==> flow/design.v <==
module u_switch_blk #(
  parameter integer WD = 20,
  parameter integer NIN = 6
) (
  input  logic clk,
  input  logic resetn,
  input  logic [NIN*WD-1:0] val,
  input  logic [NIN-1:0] sel,
  output logic [WD-1:0] result
);
  logic [NIN*WD-1:0] val_s;
  logic [NIN-1:0] sel_s;
  logic [WD-1:0] r;
  always_comb begin
    r = '0;
    for (int n = NIN-1; n >= 0; n = n - 1)
      if (sel_s[n]) r = val_s[n*WD +: WD];
  end
  always_ff @(posedge clk) begin
    if (!resetn) begin
      val_s <= '0;
      sel_s <= '0;
      result <= '0;
    end else begin
      val_s <= val;
      sel_s <= sel;
      result <= r;
    end
  end
endmodule
# From RTL to reports: u_switch_blk
# The steps from the RTL of u_switch_blk to its reports follow in flow order.
# Line numbers count from 1 in the design file above.
# Operators: Yosys type, input widths -> output width; for muxes data width and select width s.
# Library cell names are shortened.
# The mark n/a stands for no value.
# setup
top_module	u_switch_blk
clock_port	clk
lib	sky130hd
pvt_corner	tt_025C_1v80

# Elaborated design
# Source: Yosys, flattened and elaborated, memories not mapped. Widths are those after wreduce; folded enables and synchronous resets count as part of the registers. Registers that Yosys merges into a memory's read port (data or address) are not register bits. Print and check cells do not count. Equal cells are merged and count once.
# classes
mux	6
# ops
op	count
$mux 20	6
# word_totals
input_bits	128
out_inout_bits	20
regBits	146
word_cells	9

# Logic depth
# Longest topological path by Yosys (ltp), each cell counted once; first at word level (registers and memories cut), then after technology mapping (sequential cells cut; the memories' decode and read muxes count).
# depth
word_depth	6
ABC_AREA	0
ltp_mapped	5
depth_no_buf	3

# Netlist
# The flow's flattened synthesis, as Yosys stat reports it; memories are mapped. The netlist is that of the ABC_AREA named above (0 if unset); the other value can give another one.
# synth_totals
n_buf	36
flip_flops	146
mapped_area_mm2	0.0048221
seq_area_mm2	0.0029228
cell_count	452
# by_type
type	count	type_area_um2
dfxtp_1	146	2.92E+03
and2_1	126	788.256
a21oi_1	40	200.192
a221o_1	19	190.182
a221oi_1	19	166.41
nand3b_1	20	150.144
o21ai_0	20	100.096
clkbuf_1	21	78.826
inv_1	20	75.072
buf_2	10	50.048
buf_6	3	33.782
dlygate4sd1_1	2	17.517
a221oi_2	1	15.014
o221a_1	1	11.261
or2_4	1	8.758
nor2b_1	1	6.256
inv_2	1	3.754
nand2_1	1	3.754

# Timing after synthesis
# Source: OpenSTA report_checks on the synthesized netlist (no wires, ideal clock, input and output delay 20% of the period each), path of least setup slack; recovery checks are left aside. Register names are those of the netlist, which keeps one name where synthesis merged equal registers.
# synth_path
path_kind	reg-to-reg
start	register sel_s[2]
end	register result[10]
path_delay_ns	1.135
required_time_ns	1.292
path_slack_ns	0.286
path_stages	6
n_path_buf	2
launch_ns	0.000
t_arrival_ns	1.007
tclk_ns	1.42
setup_ns	0.128
period_less_setup_slack_ns	1.134
# "path_delay_ns" is the arrival time less input delay plus setup time.
# "path_stages": output pins that drive a net of the path, with the launching flip-flop's if there is one; two outputs of one cell count as two.
# "period_less_setup_slack_ns" is the clock period less the worst setup slack; recovery checks do not enter. This is arithmetic on one report: input and output delays are still those of the set period (20% each).
# The rows between start and end are the longest chain of elaborated cells between them; the timing report does not say that the signal goes this way. Where chains are equally long, one stands for them.
# Each line given opens the expression or statement behind the cell; cells for indexed reads and writes are added by Yosys, which also makes memories of some case tables.
# synth_via
cell_sequence	dfxtp_1 > nor2b_1 > buf_2 > buf_6 > a221oi_1 > a21oi_1
elab_chain_len	3
cells_between	3
cone_lines	1
classes_between	mux: 3
# synth_lines
element	line	text
from (decl)	12	logic [NIN-1:0] sel_s;
from (assign)	22	sel_s <= '0;
from (assign)	26	sel_s <= sel;
$mux 20 x3	17	if (sel_s[n]) r = val_s[n*WD +: WD];
to (assign)	23	result <= '0;
to (assign)	27	result <= r;
to (decl)	9	output logic [WD-1:0] result

# Worst path after layout
# From the final timing report of flow run A: the path of least setup slack in the routed layout; clock arrival at registers is part of the times.
# layout_path
path_kind	reg-to-reg
start	register sel_s[2]
end	register result[9]
path_stages	5
n_path_buf	1
path_slack_ns	-0.60
setup_ns	0.10
launch_ns	0.43
tclk_ns	0.824
t_arrival_ns	1.76
required_time_ns	1.16
# The rows between start and end are the longest chain of elaborated cells between them; the timing report does not say that the signal goes this way. Where chains are equally long, one stands for them.
# layout_via
cell_sequence	dfxtp_2 > or2_4 > buf_6 > a221o_1 > a21oi_2
elab_chain_len	3
cells_between	3
cone_lines	1
classes_between	mux: 3
# layout_lines
element	line	text
from (decl)	12	logic [NIN-1:0] sel_s;
from (assign)	22	sel_s <= '0;
from (assign)	26	sel_s <= sel;
$mux 20 x3	17	if (sel_s[n]) r = val_s[n*WD +: WD];
to (assign)	23	result <= '0;
to (assign)	27	result <= r;
to (decl)	9	output logic [WD-1:0] result

Wiki page: u_switch_blk / flow data

3 stored runs of u_switch_blk in the flow (synthesis by Yosys, layout by OpenROAD, sky130hd cells), in arbitrary order. Constraints: input delay and output delay 20% of the set period each, output load 0.01 pF.
By "achieved_period_ns" is meant the clock period of the run minus its worst setup slack. This is arithmetic on one report: input and output delays are still those of the set period (20% each).
"worstPathTime_ns" is the time allowed to the run's worst setup path (the clock period less input and output delay, where it has them) less its slack. Clock arrival times count: a late capture clock shortens it, a late launch clock lengthens it.
"fin_power_mw" rests on the timing tool's default activity at the inputs, not on a simulated workload.

Flow run A, flow files:
==> flow/run.sh <==
#!/bin/bash
# the make line also repeats the synthesis and layout settings of config.mk as NAME=value (left out here)
make -C /OpenROAD-flow-scripts/flow DESIGN_CONFIG=/design/flow/config.mk WORK_HOME=/design/flow/orfs CLKGATE_MAP_FILE= finish
==> flow/config.mk <==
export PLATFORM = sky130hd
export DESIGN_NAME = u_switch_blk
export DESIGN_NICKNAME = u_switch_blk
export VERILOG_FILES = /design/flow/design.v
export SDC_FILE = /design/flow/constraint.sdc
export NUM_CORES = 4
export LEC_CHECK = 0
export CAP_MARGIN = 20
export CELL_PAD_IN_SITES_GLOBAL_PLACEMENT = 0
export CORE_ASPECT_RATIO = 1.7
export CORE_MARGIN = 5
export CORE_UTILIZATION = 58
export CTS_CLUSTER_DIAMETER = 381
export CTS_CLUSTER_SIZE = 69
export GPL_TIMING_DRIVEN = 0
export MAX_ROUTING_LAYER = met4
export PLACE_DENSITY_LB_ADDON = 0.18
export SLEW_MARGIN = 20
export TNS_END_PERCENT = 35
==> flow/constraint.sdc <==
create_clock -name core_clock -period 0.824 [get_ports {clk}]
set_input_delay 0.1648 -clock core_clock [delete_from_list [all_inputs] [get_ports {clk}]]
set_output_delay 0.1648 -clock core_clock [all_outputs]
set_load 0.01 [all_outputs]

==> results of flow run A, as CSV <==
result,value
synth_chip_area_mm2,0.0048221
worstPathTime_ns,1.43
worst_path_kind,"reg-to-reg"
achieved_period_ns,1.426
setup_worst_slack_ns,-0.602
post_route_util_pct,91.9
final_cell_area_mm2,0.0074622
final_die_area_mm2,0.0103018
timing.hold.ws_ns,0.229
timing.setup.tns_ns,-14.486
fin_power_mw,17.158

Flow run B, flow files:
==> flow/run.sh <==
#!/bin/bash
# the make line also repeats the synthesis and layout settings of config.mk as NAME=value (left out here)
make -C /OpenROAD-flow-scripts/flow DESIGN_CONFIG=/design/flow/config.mk WORK_HOME=/design/flow/orfs CLKGATE_MAP_FILE= finish
==> flow/config.mk <==
export PLATFORM = sky130hd
export DESIGN_NAME = u_switch_blk
export DESIGN_NICKNAME = u_switch_blk
export VERILOG_FILES = /design/flow/design.v
export SDC_FILE = /design/flow/constraint.sdc
export NUM_CORES = 4
export LEC_CHECK = 0
export CAP_MARGIN = 20
export CORE_MARGIN = 2
export CORE_UTILIZATION = 40
export SLEW_MARGIN = 20
==> flow/constraint.sdc <==
create_clock -name core_clock -period 1.42 [get_ports {clk}]
set_input_delay 0.2840 -clock core_clock [delete_from_list [all_inputs] [get_ports {clk}]]
set_output_delay 0.2840 -clock core_clock [all_outputs]
set_load 0.01 [all_outputs]

==> results of flow run B, as CSV <==
result,value
timing.setup.tns_ns,0.000
post_route_util_pct,58.5
timing.hold.ws_ns,0.305
worstPathTime_ns,1.02
worst_path_kind,"reg-to-output"
setup_worst_slack_ns,0.118
final_die_area_mm2,0.0129493
synth_chip_area_mm2,0.0048221
fin_power_mw,9.488
achieved_period_ns,1.302
final_cell_area_mm2,0.0069679

Flow run C, flow files:
==> flow/run.sh <==
#!/bin/bash
# the make line also repeats the synthesis and layout settings of config.mk as NAME=value (left out here)
make -C /OpenROAD-flow-scripts/flow DESIGN_CONFIG=/design/flow/config.mk WORK_HOME=/design/flow/orfs CLKGATE_MAP_FILE= finish
==> flow/config.mk <==
export PLATFORM = sky130hd
export DESIGN_NAME = u_switch_blk
export DESIGN_NICKNAME = u_switch_blk
export VERILOG_FILES = /design/flow/design.v
export SDC_FILE = /design/flow/constraint.sdc
export NUM_CORES = 4
export LEC_CHECK = 0
export CAP_MARGIN = 20
export CORE_ASPECT_RATIO = 1.47
export CORE_MARGIN = 5
export CORE_UTILIZATION = 37
export CTS_CLUSTER_SIZE = 47
export MIN_ROUTING_LAYER = met2
export PLACE_DENSITY_LB_ADDON = 0.26
export SETUP_SLACK_MARGIN = -0.03
export SLEW_MARGIN = 0
==> flow/constraint.sdc <==
create_clock -name core_clock -period 1.16 [get_ports {clk}]
set_input_delay 0.2320 -clock core_clock [delete_from_list [all_inputs] [get_ports {clk}]]
set_output_delay 0.2320 -clock core_clock [all_outputs]
set_load 0.01 [all_outputs]

==> results of flow run C, as CSV <==
result,value
worstPathTime_ns,1.31
worst_path_kind,"reg-to-reg"
fin_power_mw,12.709
synth_chip_area_mm2,0.0048221
achieved_period_ns,1.311
post_route_util_pct,58.8
setup_worst_slack_ns,-0.151
final_die_area_mm2,0.0154584
final_cell_area_mm2,0.0074997
timing.setup.tns_ns,-1.716
timing.hold.ws_ns,0.309
